==> flow/design.v <==
module times_mod #(
  parameter DWIDTH = 8,
  parameter SCALE = 683,
  parameter OUT_W = DWIDTH + $clog2(SCALE + 1)
) (
  input logic clk,
  input logic [DWIDTH-1:0] x,
  output logic [OUT_W-1:0] result
);
  logic [DWIDTH-1:0] x_d1;
  always_ff @(posedge clk) begin
    x_d1 <= x;
  end
  logic [OUT_W-1:0] tmp;
  always_comb begin
    tmp = '0;
    for (int n = 0; n < OUT_W - DWIDTH; n++)
      if ((SCALE >> n) & 1) tmp = tmp + (x_d1 << n);
  end
  assign result = tmp;
endmodule
From RTL to reports: times_mod
The steps from the RTL of times_mod to its reports follow in flow order. Lines are those of the file above, counted from 1. Cell names lack the library's common part. Not given: n/a

Top: times_mod. Clock port: clk. Cell library: sky130hd. Corner: tt_025C_1v80.

Word-level counts
Source: Yosys, flattened and elaborated, memories not mapped. Widths are those after wreduce; folded enables and synchronous resets count as part of the registers. Registers that Yosys merges into a memory's read port (data or address) are not register bits. Print and check cells do not count. Equal cells are merged and count once.

The figure for add/subtract/negate cells is 5.

Operators with widths (count): 16-bit by 17-bit adder with 18-bit output (1); 14-bit by 15-bit adder with 16-bit output (1); 12-bit by 13-bit adder with 14-bit output (1); 10-bit by 11-bit adder with 12-bit output (1); 8-bit by 9-bit adder with 10-bit output (1).

The figure for elaborated cells is 6. The entry for register bits reads 8. The entry for input bits reads 9. Under output and inout bits stands 18.

Longest topological paths
Longest topological path by Yosys (ltp), each cell counted once; first at word level (registers and memories cut), then after technology mapping (sequential cells cut; the memories' decode and read muxes count).

The figure for word-level depth is 5. The figure for ABC_AREA is 0. Under gate-level depth with buffers stands 13. The entry for depth with buffers taken out reads 13.

Netlist
The flow's flattened synthesis, as Yosys stat reports it; memories are mapped. The netlist is that of the ABC_AREA named above (0 if unset); the other value can give another one.

Cell types: ha_1 (count 37, total area 462.944 um2); fa_1 (count 12, total area 240.23 um2); dfxtp_1 (count 8, total area 160.154 um2); inv_1 (count 23, total area 86.333 um2); xnor2_1 (count 8, total area 70.067 um2); o211ai_1 (count 5, total area 37.536 um2); a21oi_1 (count 7, total area 35.034 um2); nor2_1 (count 9, total area 33.782 um2); o41ai_2 (count 2, total area 32.531 um2); o21a_1 (count 3, total area 22.522 um2); nor3_1 (count 4, total area 20.019 um2); nor2b_1 (count 3, total area 18.768 um2); a221oi_1 (count 2, total area 17.517 um2); o211a_4 (count 1, total area 17.517 um2); nand2_1 (count 4, total area 15.014 um2); nand3_1 (count 3, total area 15.014 um2); or4_1 (count 2, total area 15.014 um2); and3_1 (count 2, total area 12.512 um2).

Not listed: further types 15, cells in them 15.

The entry for flip-flops reads 8. Cell count: 150. The figure for mapped area is 1422.6 um2. The entry for buffers reads 2. Under sequential area stands 160.2 um2.

Worst setup path after synthesis
OpenSTA on the mapped netlist: ideal clock, no wires. The path of least setup slack (recovery checks aside). Input and output delay are each 20% of the period. Register names are those of the netlist, which keeps one name where synthesis merged equal registers.

Path kind: reg2out. Start: register x_d1[2]. End: output port result[17]. External output delay: 1.018 ns. The entry for setup slack reads 0.813 ns. Time at the first pin: 0.000 ns. The entry for period reads 5.09 ns. The figure for buffers on the path is 0. The entry for path delay reads 3.259 ns. The entry for data arrival time reads 3.259 ns. For required time the number is 4.072 ns. The entry for stages reads 12. Synthesis period reached: 4.277 ns.

"path delay" = arrival - input delay + setup time. A path that ends at an output port has no setup time. "stages" counts driving pins, that of a launching flip-flop among them; a cell with two outputs on the path counts twice. "synthesis period reached" is the clock period less the worst setup slack; recovery checks do not enter. This is arithmetic on one report: input and output delays are still those of the set period (20% each). The rows between start and end are the longest chain of elaborated cells between them; the timing report does not say that the signal goes this way. Where chains are equally long, one stands for them. Each line given opens the expression or statement behind the cell; cells for indexed reads and writes are added by Yosys, which also makes memories of some case tables.

Path through: dfxtp_1 -> fa_1 -> fa_1 -> inv_1 -> fa_1 -> inv_1 -> ha_1 -> nand3_1 -> nand2_1 -> o211a_4 -> o41ai_2 -> xnor2_1. Under length of the longest elaborated chain stands 5. Under elaborated cells between the ends (all ways) stands 5. The entry for RTL lines with such cells reads 1. Classes of those cells: add/sub (5).

Ends and longest elaborated chain, after synthesis: start: declaration (RTL line 10) `logic [DWIDTH-1:0] x_d1;`; start: assignment (RTL line 12) `x_d1 <= x;`; 8-bit by 9-bit adder with 10-bit output (RTL line 18) `if ((SCALE >> n) & 1) tmp = tmp + (x_d1 << n);`; 10-bit by 11-bit adder with 12-bit output (RTL line 18); 12-bit by 13-bit adder with 14-bit output (RTL line 18); 14-bit by 15-bit adder with 16-bit output (RTL line 18); 16-bit by 17-bit adder with 18-bit output (RTL line 18); end: declaration (RTL line 8) `output logic [OUT_W-1:0] result`.

Path in the finished layout
From the final timing report of run A: the path of least setup slack in the routed layout; clock arrival at registers is part of the times.

Path kind: reg2out. Start: register x_d1[4]. End: output port result[15]. Time at the first pin: 0.24 ns. The entry for period reads 3.54 ns. External output delay: 0.71 ns. The entry for setup slack reads -0.78 ns. For required time the number is 2.83 ns. The figure for buffers on the path is 2. The entry for stages reads 14. The entry for data arrival time reads 3.61 ns.

The rows between start and end are the longest chain of elaborated cells between them; the timing report does not say that the signal goes this way. Where chains are equally long, one stands for them.

Path through: dfxtp_2 -> fa_1 -> inv_2 -> fa_1 -> inv_2 -> ha_4 -> buf_4 -> ha_4 -> a21o_1 -> and4_4 -> o211a_4 -> o41ai_4 -> xnor2_1 -> buf_2. Under length of the longest elaborated chain stands 5. Under elaborated cells between the ends (all ways) stands 5. The entry for RTL lines with such cells reads 1. Classes of those cells: add/sub (5).

Ends and longest elaborated chain, post-layout: start: declaration (RTL line 10) `logic [DWIDTH-1:0] x_d1;`; start: assignment (RTL line 12) `x_d1 <= x;`; 8-bit by 9-bit adder with 10-bit output (RTL line 18) `if ((SCALE >> n) & 1) tmp = tmp + (x_d1 << n);`; 10-bit by 11-bit adder with 12-bit output (RTL line 18); 12-bit by 13-bit adder with 14-bit output (RTL line 18); 14-bit by 15-bit adder with 16-bit output (RTL line 18); 16-bit by 17-bit adder with 18-bit output (RTL line 18); end: declaration (RTL line 8) `output logic [OUT_W-1:0] result`.

# Flow runs of times_mod

Measured data: module times_mod, platform sky130hd, 3 stored runs of the flow under differing settings, order arbitrary. Input and output delays are each 20% of the period that was set; the output load is 0.01 pF. "reached clock period" = clock period - worst setup slack. The figure is calculated, with input and output delays left at 20% of the set period. "time of the worst setup path" is the time allowed to the run's worst setup path (the clock period less input and output delay, where it has them) less its slack. Clock arrival times count: a late capture clock shortens it, a late launch clock lengthens it. "power consumption" rests on the timing tool's default activity at the inputs, not on a simulated workload.

Run A has these settings: period_ns 3.54; CORE_UTILIZATION 50; PLACE_DENSITY 0.88; CORE_MARGIN 10; CELL_PAD_IN_SITES_DETAIL_PLACEMENT 0; ABC_AREA 0; GPL_TIMING_DRIVEN 1; GPL_ROUTABILITY_DRIVEN 0; CTS_CLUSTER_SIZE 26; CAP_MARGIN 30; SLEW_MARGIN 5. For the utilization the run shows 0.842. The final worst hold slack comes to 0.896 ns. The worst slack on setup checks reads -0.782 ns. The time of the worst setup path is 3.61 ns. Kind of the worst setup path: reg2out. The power consumption reads 1,477 µW. For the reached clock period the run shows 4.322 ns. The standard-cell area of the final layout comes to 2,301.0 um2. The measured chip area in the Yosys report is 1,422.6 um2. The die area comes to 5,378.8 um2. For the total negative slack the run shows -6.923 ns.

Run B has these settings: period_ns 5.09; CAP_MARGIN 20; CORE_MARGIN 2; CORE_UTILIZATION 40; SLEW_MARGIN 20. For the utilization the run shows 0.55. The final worst hold slack comes to 1.203 ns. The worst slack on setup checks reads 0.223 ns. The time of the worst setup path is 3.85 ns. Kind of the worst setup path: reg2out. The power consumption reads 778.3 µW. For the reached clock period the run shows 4.867 ns. The standard-cell area of the final layout comes to 1,849.3 um2. The measured chip area in the Yosys report is 1,422.6 um2. The die area comes to 4,049.4 um2. For the total negative slack the run shows 0.000 ns.

Run C has these settings: period_ns 5.65; CORE_UTILIZATION 21; SETUP_SLACK_MARGIN 0.82; PLACE_DENSITY_LB_ADDON 0.24; CORE_ASPECT_RATIO 0.96; TNS_END_PERCENT 35; ABC_AREA 0; GPL_TIMING_DRIVEN 0; GPL_ROUTABILITY_DRIVEN 0; CAP_MARGIN 25; MIN_ROUTING_LAYER met2; CORE_MARGIN 2; SLEW_MARGIN 20. For the utilization the run shows 0.299. The final worst hold slack comes to 1.339 ns. The worst slack on setup checks reads 0.729 ns. The time of the worst setup path is 3.79 ns. Kind of the worst setup path: reg2out. The power consumption reads 745.7 µW. For the reached clock period the run shows 4.921 ns. The standard-cell area of the final layout comes to 1,965.6 um2. The measured chip area in the Yosys report is 1,422.6 um2. The die area comes to 7,449.2 um2. For the total negative slack the run shows 0.000 ns.
